==> flow/design.v <==
module rf_n #(
    parameter NREGS = 20,
    parameter DATA_WIDTH = 4,
    parameter ABITS = $clog2(NREGS)
) (
    input wire clk,
    input wire clr,
    input wire valid,
    input wire wr,
    input wire [ABITS-1:0] wr_idx,
    input wire [DATA_WIDTH-1:0] write_data,
    input wire [ABITS-1:0] rsel1,
    input wire [ABITS-1:0] rsel2,
    output wire [DATA_WIDTH-1:0] read_data1,
    output wire [DATA_WIDTH-1:0] read_data2
);
    reg wr_d1;
    always @(posedge clk) begin
        if (clr) begin
            wr_d1 <= 1'b0;
        end else if (valid) begin
            wr_d1 <= wr;
        end
    end
    reg [ABITS-1:0] wr_idx_d1;
    always @(posedge clk) begin
        if (clr) begin
            wr_idx_d1 <= 0;
        end else if (valid) begin
            wr_idx_d1 <= wr_idx;
        end
    end
    reg [DATA_WIDTH-1:0] write_data_d1;
    always @(posedge clk) begin
        if (clr) begin
            write_data_d1 <= 0;
        end else if (valid) begin
            write_data_d1 <= write_data;
        end
    end
    reg [DATA_WIDTH-1:0] regs [NREGS-1:0];
    always @(posedge clk) begin
        if (valid && wr_d1 && wr_idx_d1 != 0)
            regs[wr_idx_d1] <= write_data_d1;
    end
    reg [ABITS-1:0] rsel1_d1;
    always @(posedge clk) begin
        if (clr) begin
            rsel1_d1 <= 0;
        end else if (valid) begin
            rsel1_d1 <= rsel1;
        end
    end
    reg [ABITS-1:0] rsel2_d1;
    always @(posedge clk) begin
        if (clr) begin
            rsel2_d1 <= 0;
        end else if (valid) begin
            rsel2_d1 <= rsel2;
        end
    end
    assign read_data1 = (rsel1_d1 == 0) ? {DATA_WIDTH{1'b0}} : regs[rsel1_d1];
    assign read_data2 = (rsel2_d1 == 0) ? {DATA_WIDTH{1'b0}} : regs[rsel2_d1];
endmodule
======== From RTL to reports: rf_n ========
What the tools print for rf_n, step after step.
Lines are those of the file above, counted from 1.
Operators: Yosys type, input widths -> output width; for muxes data width and select width s.
Library cell names are shortened.
The mark n/a stands for no value.
design
  top module .............................. rf_n
  clock ................................... clk
  standard-cell library ................... sky130hd
  timing corner ........................... tt_025C_1v80

======== Word-level counts ========
Yosys after proc, flatten, opt, wreduce and memory -nomap, before mapping. Print and check cells are not counted. Equal cells are merged and count once.
Memory sizes are those after Yosys's memory passes, which may raise the word count (mostly to a power of two), join words into wider ones and drop unused or constant bits.
storage and ports
  cells after elaboration ................. 20
  word width x clocked read ports ......... 8
  output and inout bits ................... 8
  input port bits ......................... 23
  RAM bits ................................ 80
  memory cells ............................ 1
  register bits ........................... 20
operators by class
  multiplexer cells ....................... 9
  reduce/logical cells .................... 5
memory list
  memory  depth  width  read ports  write ports  line  source
  regs    20     4      2           1            41    reg [DATA_WIDTH-1:0] regs [NREGS-1:0];
operators with widths
  kind               count
  $mux 5             5
  $mux 4             3
  $logic_not 5->1    2
  $reduce_bool 5->1  1
  $logic_and 1x1->1  2
  $mux 1             1

======== Logic depth ========
Yosys ltp: most cells in a row. Word level: on the elaborated netlist, between registers, memories and ports. Mapped: between sequential cells and ports; inverters and the memories' decode and read muxes count.
depth
  depth in word-level cells ............... 3
  ABC_AREA ................................ 0
  mapped depth ............................ 7
  gate-level depth less buffers ........... 4

======== Mapped cells and area ========
Source: synth_stat.txt of the flow (Yosys; design flattened, memories mapped). It holds for the ABC_AREA given above (unset counts as 0); a run with the other value may have another netlist.
Totals and module areas in this step are rounded.
cell types
  cell       count
  edfxtp_1   80
  mux4_2     28
  dfxtp_1    30
  mux2i_1    32
  mux4_1     8
  nor2_1     43
  nor2b_1    18
  a2111oi_0  8
  nand2_1    17
  nor3_1     10
  buf_6      4
  nand3_1    8
  a211oi_1   4
  buf_4      3
  clkbuf_1   6
  buf_12     1
  or3b_2     2
  buf_2      3
Not listed: further types 7, cells in them 10.
mapped netlist
  cell count .............................. 315
  mapped flip-flops ....................... 110
  synthesis area .......................... 4900 um2
  buffer cells ............................ 20

======== Timing after synthesis ========
Path of least setup slack by OpenSTA after synthesis, without wires, with an ideal clock, recovery checks aside; 20% of the period is set as input and as output delay. Where synthesis merged equal registers, the netlist keeps one of their names.
timing after synthesis
  kind .................................... flip-flop to output port
  from .................................... register (name not given)
  to ...................................... output read_data2[2]
  period .................................. 2.77 ns
  path slack .............................. 0.445 ns
  path delay .............................. 1.771 ns
  output delay ............................ 0.554 ns
  buffers on the path ..................... 3
  data arrival time ....................... 1.771 ns
  stages .................................. 7
  synthesis period reached ................ 2.325 ns
"path delay" is the arrival time less input delay plus setup time.
At an output port there is no setup time.
"stages": output pins that drive a net of the path, with the launching flip-flop's if there is one; two outputs of one cell count as two.
"synthesis period reached" is the clock period less the worst setup slack; recovery checks do not enter. This is arithmetic on one report: input and output delays are still those of the set period (20% each).
between the ends, after synthesis
  cell sequence ........................... dfxtp_1 > buf_2 > buf_6 > buf_2 > mux4_2 > a2111oi_0 > nor3_1
RTL lines, path after synthesis
  what       line  source
  to (decl)  15    output wire [DATA_WIDTH-1:0] read_data2
No chain of elaborated cells between the ends is given.

======== Worst path after layout ========
From the final timing report of record 1: the path of least setup slack in the routed layout; clock arrival at registers is part of the times.
timing after layout
  kind .................................... flip-flop to output port
  from .................................... register (name not given)
  to ...................................... output read_data1[2]
  path slack .............................. -0.10 ns
  buffers on the path ..................... 4
  data arrival time ....................... 2.32 ns
  period .................................. 2.77 ns
  output delay ............................ 0.55 ns
  stages .................................. 9
between the ends, after layout
  cell sequence ........................... dfxtp_4 > buf_12 > buf_8 > buf_6 > mux4_2 > mux4_2 > nor2b_1 > nor3_1 > buf_2
RTL lines, path after layout
  what       line  source
  to (decl)  14    output wire [DATA_WIDTH-1:0] read_data1,
No chain of elaborated cells between the ends is given.

Subject: flow runs of rf_n

Hi,

Record of 3 stored runs of the RTL-to-layout flow on rf_n, platform sky130hd. The runs are unordered. Constraints: input delay and output delay 20% of the set period each, output load 0.01 pF.
"clock period achieved" = clock period - worst setup slack. The figure is calculated, with input and output delays left at 20% of the set period.
"time of the worst setup path" means the part of the period allowed to the worst setup path (the constraints hold back 20% at inputs and 20% at outputs) less its slack; where the path has registers, the arrival times of their clocks count too.
Results are given in rounded form.

---- record 1 ----
settings
  period_ns = 2.77
  CAP_MARGIN = 20
  CORE_MARGIN = 2
  CORE_UTILIZATION = 40
  SLEW_MARGIN = 20
results
  smallest setup slack .................... -0.100 ns
  standard-cell area of the final layout .. 6000 um2
  clock period achieved ................... 2.870 ns
  overall die area ........................ 13000 um2
  area of the synthesized netlist ......... 4900 um2
  utilization after routing ............... 50%
  time of the worst setup path ............ 2.32 ns
  worst setup path kind ................... flip-flop to output port
  lowest hold slack ....................... 0.53 ns

---- record 2 ----
settings
  period_ns = 3.48
  CORE_UTILIZATION = 21
  SETUP_SLACK_MARGIN = 0.98
  PLACE_DENSITY_LB_ADDON = 0.21
  CELL_PAD_IN_SITES_DETAIL_PLACEMENT = 2
  CTS_CLUSTER_SIZE = 73
  SLEW_MARGIN = 25
  CAP_MARGIN = 20
  CORE_MARGIN = 2
results
  smallest setup slack .................... 0.44 ns
  time of the worst setup path ............ 2.34 ns
  worst setup path kind ................... flip-flop to output port
  overall die area ........................ 25000 um2
  clock period achieved ................... 3.037 ns
  lowest hold slack ....................... 0.55 ns
  area of the synthesized netlist ......... 4900 um2
  standard-cell area of the final layout .. 6200 um2
  utilization after routing ............... 27%

---- record 3 ----
settings
  period_ns = 1.47
  CORE_UTILIZATION = 30
  PLACE_DENSITY_LB_ADDON = 0.16
  CORE_ASPECT_RATIO = 0.84
  CORE_MARGIN = 9
  GPL_ROUTABILITY_DRIVEN = 0
  CTS_CLUSTER_DIAMETER = 175
  CAP_MARGIN = 15
  MAX_ROUTING_LAYER = met4
  SLEW_MARGIN = 20
results
  clock period achieved ................... 2.530 ns
  utilization after routing ............... 40%
  overall die area ........................ 21000 um2
  lowest hold slack ....................... 0.53 ns
  area of the synthesized netlist ......... 4900 um2
  time of the worst setup path ............ 2.24 ns
  worst setup path kind ................... flip-flop to output port
  standard-cell area of the final layout .. 6400 um2
  smallest setup slack .................... -1.1 ns

Regards
